==> flow/design.v <==
module u_switch_blk #(
  parameter integer WD = 4,
  parameter integer NIN = 6
) (
  input  logic clk,
  input  logic resetn,
  input  logic [NIN*WD-1:0] val,
  input  logic [NIN-1:0] sel,
  output logic [WD-1:0] result
);
  logic [NIN*WD-1:0] val_s;
  logic [NIN-1:0] sel_s;
  logic [WD-1:0] r;
  always_comb begin
    r = '0;
    for (int n = NIN-1; n >= 0; n = n - 1)
      if (sel_s[n]) r = val_s[n*WD +: WD];
  end
  always_ff @(posedge clk) begin
    if (!resetn) begin
      val_s <= '0;
      sel_s <= '0;
      result <= '0;
    end else begin
      val_s <= val;
      sel_s <= sel;
      result <= r;
    end
  end
endmodule
From RTL to reports: u_switch_blk
What the tools print for u_switch_blk, step after step. Line numbers count from 1 in the design file above. Cell names lack the library's common part. The mark -- stands for no value.

Design top: u_switch_blk. Clock port: clk. Standard-cell library: sky130hd. Timing corner: tt_025C_1v80.

Word level
Source: Yosys, flattened and elaborated, memories not mapped. Widths are those after wreduce; folded enables and synchronous resets count as part of the registers. Registers that Yosys merges into a memory's read port (data or address) are not register bits. Print and check cells do not count. Equal cells are merged and count once.

Under register bits stands 34. Under output and inout port bits stands 4. The entry for word-level cells reads 9. The entry for input port bits reads 32.

Mux-type cells: 6.

Operators by type and width (number): 4-bit two-way mux (6).

Longest topological paths
Yosys ltp: most cells in a row. Word level: on the elaborated netlist, between registers, memories and ports. Mapped: between sequential cells and ports; inverters and the memories' decode and read muxes count.

For depth in word-level cells the number is 6. Under ABC_AREA stands 0. Mapped depth: 3. For gate-level depth less buffers the number is 3.

Netlist
Yosys stat after the flow's synthesis: flattened, memories mapped to cells. It holds for the ABC_AREA given above (unset counts as 0); a run with the other value may have another netlist.

Cells by type: dfxtp_1 (number 34, total area 680.653 um^2); and2_1 (number 30, total area 187.68 um^2); and3b_1 (number 4, total area 35.034 um^2); o221ai_1 (number 4, total area 35.034 um^2); a21o_1 (number 4, total area 30.029 um^2); a221oi_1 (number 3, total area 26.275 um^2); a21oi_1 (number 4, total area 20.019 um^2); o21ai_0 (number 4, total area 20.019 um^2); clkbuf_1 (number 3, total area 11.261 um^2); inv_1 (number 2, total area 7.507 um^2); nand3b_1 (number 1, total area 7.507 um^2); a31oi_1 (number 1, total area 6.256 um^2); nor2b_1 (number 1, total area 6.256 um^2); nor2_1 (number 1, total area 3.754 um^2).

The entry for standard cells after synthesis reads 96. The entry for sequential area reads 680.7 um^2. Buffer cells: 3. Chip area (Yosys): 1077.3 um^2. For flip-flops the number is 34.

Path before layout
Path of least setup slack by OpenSTA after synthesis, without wires, with an ideal clock, recovery checks aside; 20% of the period is set as input and as output delay. Where synthesis merged equal registers, the netlist keeps one of their names.

Path type: reg-to-reg. From: register sel_s[4]. To: register result[2]. For driving pins on the path the number is 4. For path delay the number is 0.926 ns. For slack the number is 0.234 ns. The entry for arrival reads 0.802 ns. The figure for data required time is 1.036 ns. For library setup time the number is 0.124 ns. Under path buffers stands 0. For clock period the number is 1.16 ns. The figure for synthesis period reached is 0.926 ns.

"path delay" is the arrival time less input delay plus setup time. "driving pins on the path" counts driving pins, that of a launching flip-flop among them; a cell with two outputs on the path counts twice. "synthesis period reached" = period - worst setup slack (recovery checks aside). The figure is calculated, with input and output delays left at 20% of the set period. Between the ends stands the longest chain of elaborated cells between them, by number of cells; it is not shown to be the way that was timed. Of several equally long chains one is given. A line is the first line of the expression or statement that the cell stems from. Yosys adds cells for indexed reads and writes and turns some case tables into memories.

Cell sequence: dfxtp_1 and3b_1 o221ai_1 a31oi_1. Under cells in the longest elaborated chain stands 5.

RTL lines, path after synthesis: start, declared (line 12) `logic [NIN-1:0] sel_s;`; start, assigned (line 22) `sel_s <= '0;`; start, assigned (line 26) `sel_s <= sel;`; 4-bit two-way mux (5 in a row) (line 17) `if (sel_s[n]) r = val_s[n*WD +: WD];`; end, assigned (line 23) `result <= '0;`; end, assigned (line 27) `result <= r;`; end, declared (line 9) `output logic [WD-1:0] result`.

Timing after layout
Path of least setup slack in the final report of record 2 (OpenROAD, finished layout, wires in). Where an end is a register, its clock arrival counts in the times.

Path type: reg-to-reg. From: register sel_s[0]. To: register result[2]. For library setup time the number is 0.12 ns. For driving pins on the path the number is 4. For clock period the number is 0.696 ns. The figure for data required time is 0.87 ns. For slack the number is -0.39 ns. The entry for arrival reads 1.26 ns. Under path buffers stands 0.

Between the ends stands the longest chain of elaborated cells between them, by number of cells; it is not shown to be the way that was timed. Of several equally long chains one is given.

Cell sequence: dfxtp_2 inv_1 o21ai_0 a31oi_1. Under cells in the longest elaborated chain stands 1.

RTL lines, path post-layout: start, declared (line 12) `logic [NIN-1:0] sel_s;`; start, assigned (line 22) `sel_s <= '0;`; start, assigned (line 26) `sel_s <= sel;`; 4-bit two-way mux (line 17) `if (sel_s[n]) r = val_s[n*WD +: WD];`; end, assigned (line 23) `result <= '0;`; end, assigned (line 27) `result <= r;`; end, declared (line 9) `output logic [WD-1:0] result`.

Add stored flow runs of u_switch_blk

Record of 3 stored runs of the RTL-to-layout flow on u_switch_blk, platform sky130hd. The runs are unordered. Constraints: input delay and output delay 20% of the set period each, output load 0.01 pF. "reached clock period" is the run's clock period less its worst setup slack. It is reckoned from that one timing run; input and output delays stay at 20% of the period that was set. "critical setup path time" means the part of the period allowed to the worst setup path (the constraints hold back 20% at inputs and 20% at outputs) less its slack; where the path has registers, the arrival times of their clocks count too. "power consumption" rests on the timing tool's default activity at the inputs, not on a simulated workload.

Record 1 has these settings: period_ns 0.667; CORE_UTILIZATION 62; SETUP_SLACK_MARGIN -0.02; PLACE_DENSITY_LB_ADDON 0.1; CORE_ASPECT_RATIO 0.78; GPL_TIMING_DRIVEN 1; GPL_ROUTABILITY_DRIVEN 0; SLEW_MARGIN 35; CAP_MARGIN 20; CORE_MARGIN 2. Outcome: no results, clock tree synthesis failed with DPL-0033.

Record 2 has these settings: period_ns 0.696; CORE_UTILIZATION 37; CORE_ASPECT_RATIO 1.4; CELL_PAD_IN_SITES_DETAIL_PLACEMENT 2; TNS_END_PERCENT 15; ABC_AREA 0; GPL_TIMING_DRIVEN 0; CTS_CLUSTER_SIZE 29; CTS_CLUSTER_DIAMETER 290; CAP_MARGIN 0; MAX_ROUTING_LAYER met5; CORE_MARGIN 2; SLEW_MARGIN 20. The power consumption reads 4.457 mW. The measured reached clock period is 1.082 ns. The synthesized cell area stands at 1077.3 um^2. The measured worst hold slack is 0.386 ns. The total negative slack on setup checks comes to -2.063 ns. The post-route utilization is 59.2%. For the total die area the run shows 3365.4 um^2. The measured setup slack of the worst path is -0.386 ns. The standard-cell area of the final layout is 1670.3 um^2. For the critical setup path time the run shows 1.08 ns. Critical path type: reg-to-reg.

Record 3 has these settings: period_ns 1.16; CAP_MARGIN 20; CORE_MARGIN 2; CORE_UTILIZATION 40; SLEW_MARGIN 20. The power consumption reads 2.099 mW. The measured reached clock period is 1.122 ns. The synthesized cell area stands at 1077.3 um^2. The measured worst hold slack is 0.474 ns. The total negative slack on setup checks comes to 0.000 ns. The post-route utilization is 60.4%. For the total die area the run shows 3124.2 um^2. The measured setup slack of the worst path is 0.038 ns. The standard-cell area of the final layout is 1524.0 um^2. For the critical setup path time the run shows 0.89 ns. Critical path type: reg-to-output.
